==> flow/design.v <==
module core_addsub_n #(
  parameter BITS = 24
) (
  input logic clock,
  input logic aresetn,
  input logic valid,
  input logic [BITS-1:0] src1,
  input logic [BITS-1:0] src2,
  output logic [BITS-1:0] q
);
  logic [BITS-1:0] r_src1;
  logic [BITS-1:0] r_src2;
  logic [BITS:0] r_t;
  always_ff @(posedge clock or negedge aresetn) begin
    if (~aresetn) begin
      r_src1 <= 0;
      r_src2 <= 0;
      r_t <= 0;
      q <= 0;
    end else if (valid) begin
      r_src1 <= src1;
      r_src2 <= src2;
      r_t <= r_src1 - r_src2;
      q <= r_t[BITS] ? {BITS{1'b0}} : r_t[BITS-1:0];
    end
  end
endmodule
# == Reports on core_addsub_n ==
# The steps from the RTL of core_addsub_n to its reports follow in flow order.
# Line numbers count from 1 in the design file above.
# Library cell names are shortened.
# Not given: -
# setup
top_module,core_addsub_n
clock,clock
lib,sky130hd
lib_corner,tt_025C_1v80

# == Word level ==
# Yosys after proc, flatten, opt, wreduce and memory -nomap, before mapping. Enables and synchronous resets that opt folds into registers are not counted as muxes. Memory bits, and registers merged into a memory's read port (data or address), are not among the register bits. Print and check cells are not counted. Equal cells are merged and count once.
# word_totals
reg_bits,97
latchBits,0
mem_bits_rw,0
mem_bits_ro,0
clocked_rd_ports_x_width,0
n_memories,0
input_bits,51
out_inout_bits,24
elab_cells,6
# classes
add_sub_neg,1
mul,0
div,0
compare,0
eq_ne,0
shifts,0
n_mux,1
logic,0
n_reduce_logical,0
# ops
operator,n
subtractor 24 x 24 -> 25 bit,1
two-way mux 24 bit,1

# == Longest topological paths ==
# Yosys ltp: most cells in a row. Word level: on the elaborated netlist, between registers, memories and ports. Mapped: between sequential cells and ports; inverters and the memories' decode and read muxes count.
# logic_depth
depth_word,1
ABC_AREA,0
depth_mapped,9
depth_no_buf,9

# == Mapped cells and area ==
# Source: synth_stat.txt of the flow (Yosys; design flattened, memories mapped). It holds for the ABC_AREA given above (unset counts as 0); a run with the other value may have another netlist.
# mapped
stdcells,527
mapped_area_um2,5097.4
sequential_area_um2,2427.3
ffs,97
buffers,25
# by_type
cell,n,type_area_um2
dfrtp_1,97,2.43E+03
mux2_2,34,382.867
o21ai_0,63,315.302
ha_1,24,300.288
nand2_1,62,232.723
inv_1,53,198.941
nand3b_1,22,165.158
a21oi_1,22,110.106
nor2_1,21,78.826
nand3_1,15,75.072
clkbuf_1,17,63.811
xnor2_1,6,52.55
xor2_1,6,52.55
a211oi_1,5,37.536
o211ai_1,5,37.536
nand2b_1,5,31.28
mux2i_1,3,30.029
o21a_1,4,30.029
# Other cell types: 31; their cells: 63.

# == Path before layout ==
# Source: OpenSTA report_checks on the synthesized netlist (no wires, ideal clock, input and output delay 20% of the period each), path of least setup slack; recovery checks are left aside. Register names are those of the netlist, which keeps one name where synthesis merged equal registers.
# synth_timing
path_kind,register to register
from,reg r_src2[0]
to,reg r_t[20]
tclk_ns,2.7
setup_time_ns,0.120
t_first_pin_ns,0.000
arrival_time_ns,2.040
required_time_ns,2.580
setup_slack_ns,0.540
delay_ns,2.160
stages,9
n_path_buf,0
period_less_setup_slack_ns,2.16
# "delay_ns" = arrival - input delay + setup time.
# "stages" counts driving pins, that of a launching flip-flop among them; a cell with two outputs on the path counts twice.
# "period_less_setup_slack_ns" is the clock period less the worst setup slack; recovery checks do not enter. This is arithmetic on one report: input and output delays are still those of the set period (20% each).
# Between the ends stands the longest chain of elaborated cells between them, by number of cells; it is not shown to be the way that was timed. Of several equally long chains one is given.
# Each line given opens the expression or statement behind the cell; cells for indexed reads and writes are added by Yosys, which also makes memories of some case tables.
# synth_between
path_cell_list,dfrtp_1 > ha_1 > fa_1 > nand2b_1 > a21oi_1 > o21ai_1 > a211oi_1 > o21ai_0 > a31o_2
elab_chain_len,1
cells_between,1
cone_lines,1
cone_classes,1 x add/sub
# synth_lines
element,line,source
"start, declared",12,logic [BITS-1:0] r_src2;
"start, assigned",17,r_src2 <= 0;
"start, assigned",22,r_src2 <= src2;
subtractor 24 x 24 -> 25 bit,23,r_t <= r_src1 - r_src2;
"end, assigned",18,r_t <= 0;
"end, assigned",23,
"end, declared",13,logic [BITS:0] r_t;

# == Path in the finished layout ==
# Path of least setup slack in the final report of run 1 (OpenROAD, finished layout, wires in). Where an end is a register, its clock arrival counts in the times.
# layout_timing
path_kind,register to register
from,reg r_src2[0]
to,reg r_t[20]
tclk_ns,2.08
setup_time_ns,0.11
t_first_pin_ns,0.35
arrival_time_ns,2.37
required_time_ns,2.33
setup_slack_ns,-0.04
stages,9
n_path_buf,0
# Between the ends stands the longest chain of elaborated cells between them, by number of cells; it is not shown to be the way that was timed. Of several equally long chains one is given.
# layout_between
path_cell_list,dfrtp_1 > ha_2 > fa_2 > nand2b_4 > a21oi_4 > o21ai_2 > a211oi_2 > o21ai_1 > a31o_2
elab_chain_len,1
cells_between,1
cone_lines,1
cone_classes,1 x add/sub
# layout_lines
element,line,source
"start, declared",12,logic [BITS-1:0] r_src2;
"start, assigned",17,r_src2 <= 0;
"start, assigned",22,r_src2 <= src2;
subtractor 24 x 24 -> 25 bit,23,r_t <= r_src1 - r_src2;
"end, assigned",18,r_t <= 0;
"end, assigned",23,
"end, declared",13,logic [BITS:0] r_t;

# Top module core_addsub_n; platform sky130hd; tools Yosys and OpenROAD; 3 stored runs in no particular order. Input and output delays are each 20% of the period that was set; the output load is 0.01 pF.
# "timing.achieved_period_ns": clock period set for the run, less the worst setup slack. It is reckoned from that one timing run; input and output delays stay at 20% of the period that was set.
# By "worst_setup_path_time_ns" is meant the share of the clock period that the worst setup path is allowed (20% is reserved at inputs, 20% at outputs), minus its slack. Clock arrival times at its registers enter into it.
# "final_power_mw" is the tool's figure for a default switching activity; nothing was simulated.
# A setting shown as - is not set for that run.
run name,period_ns,CORE_UTILIZATION,PLACE_DENSITY,CELL_PAD_IN_SITES_GLOBAL_PLACEMENT,CELL_PAD_IN_SITES_DETAIL_PLACEMENT,ABC_AREA,CAP_MARGIN,CORE_MARGIN,SLEW_MARGIN,SETUP_SLACK_MARGIN,CORE_ASPECT_RATIO,TNS_END_PERCENT,GPL_TIMING_DRIVEN,CTS_CLUSTER_SIZE,synthesis_area_um2,final_die_area_um2,finalCellArea_um2,fin_util_frac,timing.setup.ws_ns,total_negative_slack_ns,final_power_mw,timing.achieved_period_ns,worst_setup_path_time_ns,critical_path_kind
run 1,2.08,21,0.5,0,1,0,10,2,20,-,-,-,-,-,5097.4,25536.0,7120.6,0.295,-0.040,-0.045,6.599,2.120,2.12,register to register
run 2,2.99,26,-,0,-,-,20,7,20,0.87,0.66,25,1,55,5097.4,23806.2,6665.1,0.348,0.840,0.000,4.409,2.150,2.15,register to register
run 3,2.7,40,-,-,-,-,20,2,20,-,-,-,-,-,5097.4,13662.1,6311.1,0.504,0.321,0.000,4.678,2.379,2.38,register to register
